==> flow/design.v <==
module u_mpy_n #(
   parameter WD = 10
) (
   input logic aclk,
   input logic [WD-1:0] in_op_a,
   input logic [WD-1:0] in_op_b,
   input logic [2*WD-1:0] in_op_c,
   output logic [2*WD:0] out_q
);
   logic [WD-1:0] r_op_a;
   logic [WD-1:0] r_op_b;
   logic [2*WD-1:0] r_op_c;
   assign out_q = r_op_a * r_op_b + r_op_c;
   always_ff @(posedge aclk) begin
      r_op_a <= in_op_a;
      r_op_b <= in_op_b;
      r_op_c <= in_op_c;
   end
endmodule
* Tool chain data of u_mpy_n *
The steps from the RTL of u_mpy_n to its reports follow in flow order.
Lines are those of the file above, counted from 1.
Library cell names are shortened.
Not given: n/a

inputs
  top module = u_mpy_n
  clock = aclk
  cell library = sky130hd
  library corner = tt_025C_1v80

* Elaborated design *
Yosys after proc, flatten, opt, wreduce and memory -nomap, before mapping. Enables and synchronous resets that opt folds into registers are not counted as muxes. Memory bits, and registers merged into a memory's read port (data or address), are not among the register bits. Print and check cells are not counted. Equal cells are merged and count once.

bit counts
  output and inout bits = 21
  register bits after elaboration = 40
  input bits = 41
  cells after elaboration = 5

cells by class
  $mul = 1
  $add $sub $neg = 1

operators with widths
  operator                                        count
  10-bit by 10-bit multiplier with 20-bit output  1
  20-bit by 20-bit adder with 21-bit output       1

* Logic depth *
Depth = most cells in a row (Yosys ltp): at word level without a register or memory, in the mapped netlist without a sequential cell, where the memories' decode and read muxes count.

depth
  word-level depth = 2
  ABC_AREA = 0
  gate-level depth with buffers = 18
  mapped depth without buffers = 17

* Mapped cells and area *
The flow's flattened synthesis, as Yosys stat reports it; memories are mapped. The netlist is that of the ABC_AREA named above (0 if unset); the other value can give another one.

synthesis totals
  flip-flops = 40
  buffer cells = 15
  area of sequential cells = 800.8 sq um
  mapped area = 4,790.8 sq um
  standard cells after synthesis = 506

cell types
  cell type  count  area in all (sq um)
  fa_1       82     1.64E+03
  dfxtp_1    40     800.768
  ha_1       57     713.184
  inv_1      112    420.403
  and2_1     51     319.056
  nand2_1    62     232.723
  xnor2_1    8      70.067
  a21oi_1    13     65.062
  xor2_1     7      61.309
  clkbuf_1   15     56.304
  o21ai_0    8      40.038
  a21o_1     5      37.536
  o211ai_1   5      37.536
  a31oi_1    4      25.024
  a211oi_1   3      22.522
  nor2_1     6      22.522
  o21a_1     3      22.522
  nand2b_1   3      18.768

Other cell types: 19; their cells: 22.

* Path before layout *
Path of least setup slack by OpenSTA after synthesis, without wires, with an ideal clock, recovery checks aside; 20% of the period is set as input and as output delay. Where synthesis merged equal registers, the netlist keeps one of their names.

timing after synthesis
  path kind = register -> output
  from = reg r_op_b[5]
  to = out out_q[17]
  launch time at the first pin = 0.000 ns
  external output delay = 1.456 ns
  arrival time = 4.660 ns
  stages on the path = 16
  delay of the path = 4.660 ns
  path buffers = 1
  path slack = 1.164 ns
  data required time = 5.824 ns
  period = 7.28 ns
  period reached after synthesis = 6.116 ns

"delay of the path" is the arrival time less input delay plus setup time.
At an output port there is no setup time.
"stages on the path": output pins that drive a net of the path, with the launching flip-flop's if there is one; two outputs of one cell count as two.
"period reached after synthesis" = period - worst setup slack (recovery checks aside). The figure is calculated, with input and output delays left at 20% of the set period.
Between the ends stands the longest chain of elaborated cells between them, by number of cells; it is not shown to be the way that was timed. Of several equally long chains one is given.
A line is the first line of the expression or statement that the cell stems from. Yosys adds cells for indexed reads and writes and turns some case tables into memories.

between the ends, after synthesis
  path through = dfxtp_1 -> clkbuf_1 -> and2_1 -> fa_1 -> fa_1 -> fa_1 -> fa_1 -> inv_1 -> fa_1 -> inv_1 -> ha_1 -> a21o_1 -> a31oi_2 -> a31oi_1 -> a211oi_1 -> xnor2_1
  length of the longest elaborated chain = 2
  elaborated cells between the ends (all ways) = 2
  RTL lines with such cells = 1
  classes of those cells = add/sub (1); mul (1)

RTL lines, path after synthesis
  item                                            RTL line  text
  start: declaration                              11        logic [WD-1:0] r_op_b;
  start: assignment                               16        r_op_b <= in_op_b;
  10-bit by 10-bit multiplier with 20-bit output  13        assign out_q = r_op_a * r_op_b + r_op_c;
  20-bit by 20-bit adder with 21-bit output       13
  end: declaration                                8         output logic [2*WD:0] out_q

* Timing after layout *
From the final timing report of job 1: the path of least setup slack in the routed layout; clock arrival at registers is part of the times.

timing after layout
  path kind = register -> output
  from = reg r_op_a[4]
  to = out out_q[16]
  period = 7.18 ns
  stages on the path = 16
  path slack = 0.10 ns
  external output delay = 1.44 ns
  path buffers = 1
  data required time = 5.74 ns
  arrival time = 5.65 ns
  launch time at the first pin = 0.28 ns

Between the ends stands the longest chain of elaborated cells between them, by number of cells; it is not shown to be the way that was timed. Of several equally long chains one is given.

between the ends, after layout
  path through = dfxtp_2 -> and2_1 -> fa_1 -> fa_1 -> fa_1 -> fa_1 -> inv_1 -> fa_1 -> inv_1 -> ha_1 -> a21oi_2 -> o21ai_0 -> a31oi_1 -> o21a_1 -> xnor2_1 -> clkdlybuf4s50_1
  length of the longest elaborated chain = 2
  elaborated cells between the ends (all ways) = 2
  RTL lines with such cells = 1
  classes of those cells = add/sub (1); mul (1)

RTL lines, path after layout
  item                                            RTL line  text
  start: declaration                              10        logic [WD-1:0] r_op_a;
  start: assignment                               15        r_op_a <= in_op_a;
  10-bit by 10-bit multiplier with 20-bit output  13        assign out_q = r_op_a * r_op_b + r_op_c;
  20-bit by 20-bit adder with 21-bit output       13
  end: declaration                                8         output logic [2*WD:0] out_q

==> results <==
Stored flow runs of u_mpy_n (3 of them; Yosys, OpenROAD, sky130hd). They differ in their settings and are not a sequence. Constraints: input delay and output delay 20% of the set period each, output load 0.01 pF.
"period achieved": clock period set for the run, less the worst setup slack. It is reckoned from that one timing run; input and output delays stay at 20% of the period that was set.
"time on the worst setup path" is the time allowed to the run's worst setup path (the clock period less input and output delay, where it has them) less its slack. Clock arrival times count: a late capture clock shortens it, a late launch clock lengthens it.
By "power consumption" is meant OpenSTA's value without simulated activity: inputs other than the clock are taken to toggle once in ten clock periods, and the tool carries that through the logic.
Among the settings, . means not set for that run.

setting or result                          job 1               job 2               job 3
period_ns                                  7.18                7.28                10.2
CORE_UTILIZATION                           17                  40                  56
SETUP_SLACK_MARGIN                         -0.16               .                   1.46
CORE_MARGIN                                5                   2                   2
CELL_PAD_IN_SITES_GLOBAL_PLACEMENT         1                   .                   .
CELL_PAD_IN_SITES_DETAIL_PLACEMENT         2                   .                   0
TNS_END_PERCENT                            15                  .                   .
GPL_TIMING_DRIVEN                          0                   .                   .
CTS_CLUSTER_SIZE                           25                  .                   45
CAP_MARGIN                                 20                  20                  20
SLEW_MARGIN                                20                  20                  25
PLACE_DENSITY_LB_ADDON                     .                   .                   0.12
CORE_ASPECT_RATIO                          .                   .                   0.82
ABC_AREA                                   .                   .                   0
CTS_CLUSTER_DIAMETER                       .                   .                   135
setup total negative slack (ns)            0.000               0.000               0.000
total die area (sq um)                     31,639.5            12,868.6            9,314.3
worst hold slack in the final report (ns)  1.583               1.601               2.178
synthesis area (sq um)                     4,790.8             4,790.8             4,790.8
period achieved (ns)                       7.082               7.047               7.846
power consumption (mW)                     2.994               2.854               1.955
worst setup slack after layout (ns)        0.098               0.233               2.354
time on the worst setup path (ns)          5.65                5.59                5.81
critical path kind                         register -> output  register -> output  register -> output
utilization of the finished layout (%)     21.8                49.8                67.1
std-cell area (final layout) (sq um)       6,060.8             5,759.3             5,566.6
